==> flow/design.v <==
module core_summer_mod #(
   parameter integer DWIDTH = 12,
   parameter integer LANES = 4,
   parameter integer OUT_W = DWIDTH + $clog2(LANES)
) (
   input wire ck,
   input wire RST,
   input wire adv,
   input wire [LANES*DWIDTH-1:0] bus,
   output reg [OUT_W-1:0] s
);
   reg [OUT_W-1:0] val;
   integer t;
   always @(*) begin
      val = 0;
      for (t = 0; t < LANES; t = t + 1)
         val = val + bus[t*DWIDTH +: DWIDTH];
   end
   always @(posedge ck) begin
      if (RST) begin
         s <= 0;
      end else if (adv) begin
         s <= val;
      end
   end
endmodule
# Tool chain data of core_summer_mod
# Tool output for the design above, in the order of the flow.
# Lines are those of the file above, counted from 1.
setup:
  top_module: "core_summer_mod"
  clock_port: "ck"
  cell_library: "sky130hd"
  corner: "tt_025C_1v80"

# After elaboration
# Source: Yosys, flattened and elaborated, memories not mapped. Widths are those after wreduce; folded enables and synchronous resets count as part of the registers. Registers that Yosys merges into a memory's read port (data or address) are not register bits. Print and check cells do not count. Equal cells are merged and count once.
classes:
  add_sub_neg: 3
  shifts: 0
  muxes: 0
  div: 0
  bitwise: 0
  n_eq: 0
  cmp: 0
  n_reduce_logical: 0
  multipliers: 0
op_table:
  columns: ["operator", "n"]
  rows:
  - ["adder 13 x 12 -> 14 bit", 1]
  - ["adder 14 x 12 -> 14 bit", 1]
  - ["adder 12 x 12 -> 13 bit", 1]
bits:
  wordCells: 4
  clocked_rd_ports_x_width: 0
  rom_bits: 0
  memories: 0
  register_bits: 14
  latch_bits: 0
  out_inout_bits: 14
  input_bits: 51
  ram_bits: 0

# Longest topological paths
# Yosys ltp: most cells in a row. Word level: on the elaborated netlist, between registers, memories and ports. Mapped: between sequential cells and ports; inverters and the memories' decode and read muxes count.
depth:
  depth_word: 3
  ABC_AREA: 0
  mapped_depth: 11
  ltp_nobuf: 11

# After synthesis
# Source: synth_stat.txt of the flow (Yosys; design flattened, memories mapped). It holds for the ABC_AREA given above (unset counts as 0); a run with the other value may have another netlist.
by_type:
  columns: ["type", "n", "area_total_um2"]
  rows:
  - ["sky130_fd_sc_hd__fa_1", 24, 480.461]
  - ["sky130_fd_sc_hd__dfxtp_1", 14, 280.269]
  - ["sky130_fd_sc_hd__inv_1", 68, 255.245]
  - ["sky130_fd_sc_hd__ha_1", 13, 162.656]
  - ["sky130_fd_sc_hd__mux2i_1", 6, 60.058]
  - ["sky130_fd_sc_hd__a21oi_1", 11, 55.053]
  - ["sky130_fd_sc_hd__nor2_1", 14, 52.55]
  - ["sky130_fd_sc_hd__a211oi_1", 4, 30.029]
  - ["sky130_fd_sc_hd__a21o_1", 4, 30.029]
  - ["sky130_fd_sc_hd__a2111oi_4", 1, 27.526]
  - ["sky130_fd_sc_hd__o21ai_0", 5, 25.024]
  - ["sky130_fd_sc_hd__and3_1", 3, 18.768]
  - ["sky130_fd_sc_hd__nand2_1", 5, 18.768]
  - ["sky130_fd_sc_hd__xnor2_1", 2, 17.517]
  - ["sky130_fd_sc_hd__nand3_1", 3, 15.014]
  - ["sky130_fd_sc_hd__nor3b_1", 2, 15.014]
  - ["sky130_fd_sc_hd__a211oi_2", 1, 12.512]
  - ["sky130_fd_sc_hd__nand4_1", 2, 12.512]
# Other cell types: 24; their cells: 26.
mapped:
  ffs: 14
  area_um2: 1769.2
  cell_count: 208
  buf_cells: 3

# Timing after synthesis
# Path of least setup slack by OpenSTA after synthesis, without wires, with an ideal clock, recovery checks aside; 20% of the period is set as input and as output delay. Where synthesis merged equal registers, the netlist keeps one of their names.
synth_timing:
  path_kind: "input -> register"
  from: "input port bus[1]"
  to: "register s[11]"
  in_delay_ns: 0.842
  delay_ns: 2.697
  setup_time_ns: 0.122
  driving_pins: 11
  t_required_ns: 4.088
  path_buffers: 0
  arrival_ns: 3.417
  t_first_pin_ns: 0.842
  slack_ns: 0.671
  period_ns: 4.21
  synth_period_reached_ns: 3.539
# "delay_ns" is the arrival time less input delay plus setup time.
# "driving_pins": output pins that drive a net of the path, with the launching flip-flop's if there is one; two outputs of one cell count as two.
# "synth_period_reached_ns" is the clock period less the worst setup slack; recovery checks do not enter. This is arithmetic on one report: input and output delays are still those of the set period (20% each).
# Between the ends stands the longest chain of elaborated cells between them, by number of cells; it is not shown to be the way that was timed. Of several equally long chains one is given.
# A line is the first line of the expression or statement that the cell stems from. Yosys adds cells for indexed reads and writes and turns some case tables into memories.
synth_via:
  path_cell_list: "sky130_fd_sc_hd__inv_1 sky130_fd_sc_hd__fa_1 sky130_fd_sc_hd__inv_1 sky130_fd_sc_hd__fa_1 sky130_fd_sc_hd__ha_1 sky130_fd_sc_hd__fa_1 sky130_fd_sc_hd__a211oi_2 sky130_fd_sc_hd__o21ai_2 sky130_fd_sc_hd__nand4_2 sky130_fd_sc_hd__mux2i_1 sky130_fd_sc_hd__a311o_1"
  elab_chain_len: 3
synth_lines:
  columns: ["element", "line_no", "rtl"]
  rows:
  - ["start, declared", 9, "input wire [LANES*DWIDTH-1:0] bus,"]
  - ["adder 12 x 12 -> 13 bit", 17, "val = val + bus[t*DWIDTH +: DWIDTH];"]
  - ["adder 13 x 12 -> 14 bit", 17, null]
  - ["adder 14 x 12 -> 14 bit", 17, null]
  - ["end, assigned", 21, "s <= 0;"]
  - ["end, assigned", 23, "s <= val;"]
  - ["end, declared", 10, "output reg [OUT_W-1:0] s"]

# Path in the finished layout
# Path of least setup slack in the final report of record 1 (OpenROAD, finished layout, wires in). Where an end is a register, its clock arrival counts in the times.
layout_timing:
  path_kind: "input -> register"
  from: "input port bus[1]"
  to: "register s[7]"
  setup_time_ns: 0.11
  path_buffers: 1
  t_required_ns: 4.35
  arrival_ns: 4.02
  driving_pins: 12
  slack_ns: 0.33
  period_ns: 4.21
  t_first_pin_ns: 0.84
  in_delay_ns: 0.84
# Between the ends stands the longest chain of elaborated cells between them, by number of cells; it is not shown to be the way that was timed. Of several equally long chains one is given.
layout_via:
  path_cell_list: "sky130_fd_sc_hd__clkdlybuf4s50_1 sky130_fd_sc_hd__inv_1 sky130_fd_sc_hd__fa_1 sky130_fd_sc_hd__inv_1 sky130_fd_sc_hd__fa_1 sky130_fd_sc_hd__ha_1 sky130_fd_sc_hd__fa_1 sky130_fd_sc_hd__a211oi_2 sky130_fd_sc_hd__o21bai_1 sky130_fd_sc_hd__a21oi_1 sky130_fd_sc_hd__nor4_1 sky130_fd_sc_hd__a211o_1"
  elab_chain_len: 3
layout_lines:
  columns: ["element", "line_no", "rtl"]
  rows:
  - ["start, declared", 9, "input wire [LANES*DWIDTH-1:0] bus,"]
  - ["adder 12 x 12 -> 13 bit", 17, "val = val + bus[t*DWIDTH +: DWIDTH];"]
  - ["adder 13 x 12 -> 14 bit", 17, null]
  - ["adder 14 x 12 -> 14 bit", 17, null]
  - ["end, assigned", 21, "s <= 0;"]
  - ["end, assigned", 23, "s <= val;"]
  - ["end, declared", 10, "output reg [OUT_W-1:0] s"]

# core_summer_mod through Yosys and OpenROAD on sky130hd: 3 stored runs, unordered, with their settings and measured results. The constraints put input and output delay at 20% of the set period each and load the outputs with 0.01 pF.
# "period_less_ws_ns": clock period set for the run, less the worst setup slack. It is reckoned from that one timing run; input and output delays stay at 20% of the period that was set.
# "worst_path_ns" = time allowed to the worst setup path (clock period - input delay - output delay, where it has them) - its slack; a late launch clock adds to it, a late capture clock takes from it.
# "power_total_mw" is the tool's figure for a default switching activity; nothing was simulated.
runs:
  - name: "record 1"
    settings:
      period_ns: 4.21
      CAP_MARGIN: 20
      CORE_MARGIN: 2
      CORE_UTILIZATION: 40
      SLEW_MARGIN: 20
    results:
      tns_ns: 0.000
      timing.setup.ws_ns: 0.330
      design.die.area_um2: 4971.0
      power_total_mw: 0.8876
      finalCellArea_um2: 2524.9
      period_less_ws_ns: 3.880
      worst_path_ns: 3.04
      worstPathKind: "input -> register"
      synth_area_um2: 1769.2
  - name: "record 2"
    settings:
      period_ns: 2.2
      CORE_UTILIZATION: 30
      PLACE_DENSITY_LB_ADDON: 0.17
      TNS_END_PERCENT: 80
      ABC_AREA: 0
      SLEW_MARGIN: 30
      CAP_MARGIN: 20
      CORE_MARGIN: 2
    results:
      tns_ns: -6.286
      timing.setup.ws_ns: -0.742
      design.die.area_um2: 6527.8
      power_total_mw: 2.446
      finalCellArea_um2: 3120.5
      period_less_ws_ns: 2.942
      worst_path_ns: 2.50
      worstPathKind: "input -> register"
      synth_area_um2: 1769.2
  - name: "record 3"
    settings:
      period_ns: 5.85
      CORE_UTILIZATION: 41
      SETUP_SLACK_MARGIN: 1.42
      CELL_PAD_IN_SITES_DETAIL_PLACEMENT: 2
      ABC_AREA: 0
      GPL_TIMING_DRIVEN: 0
      GPL_ROUTABILITY_DRIVEN: 0
      CTS_CLUSTER_DIAMETER: 341
      CAP_MARGIN: 35
      MIN_ROUTING_LAYER: "met1"
      MAX_ROUTING_LAYER: "met5"
      CORE_MARGIN: 2
      SLEW_MARGIN: 20
    outcome: "no results, placement failed with DPL-0033"
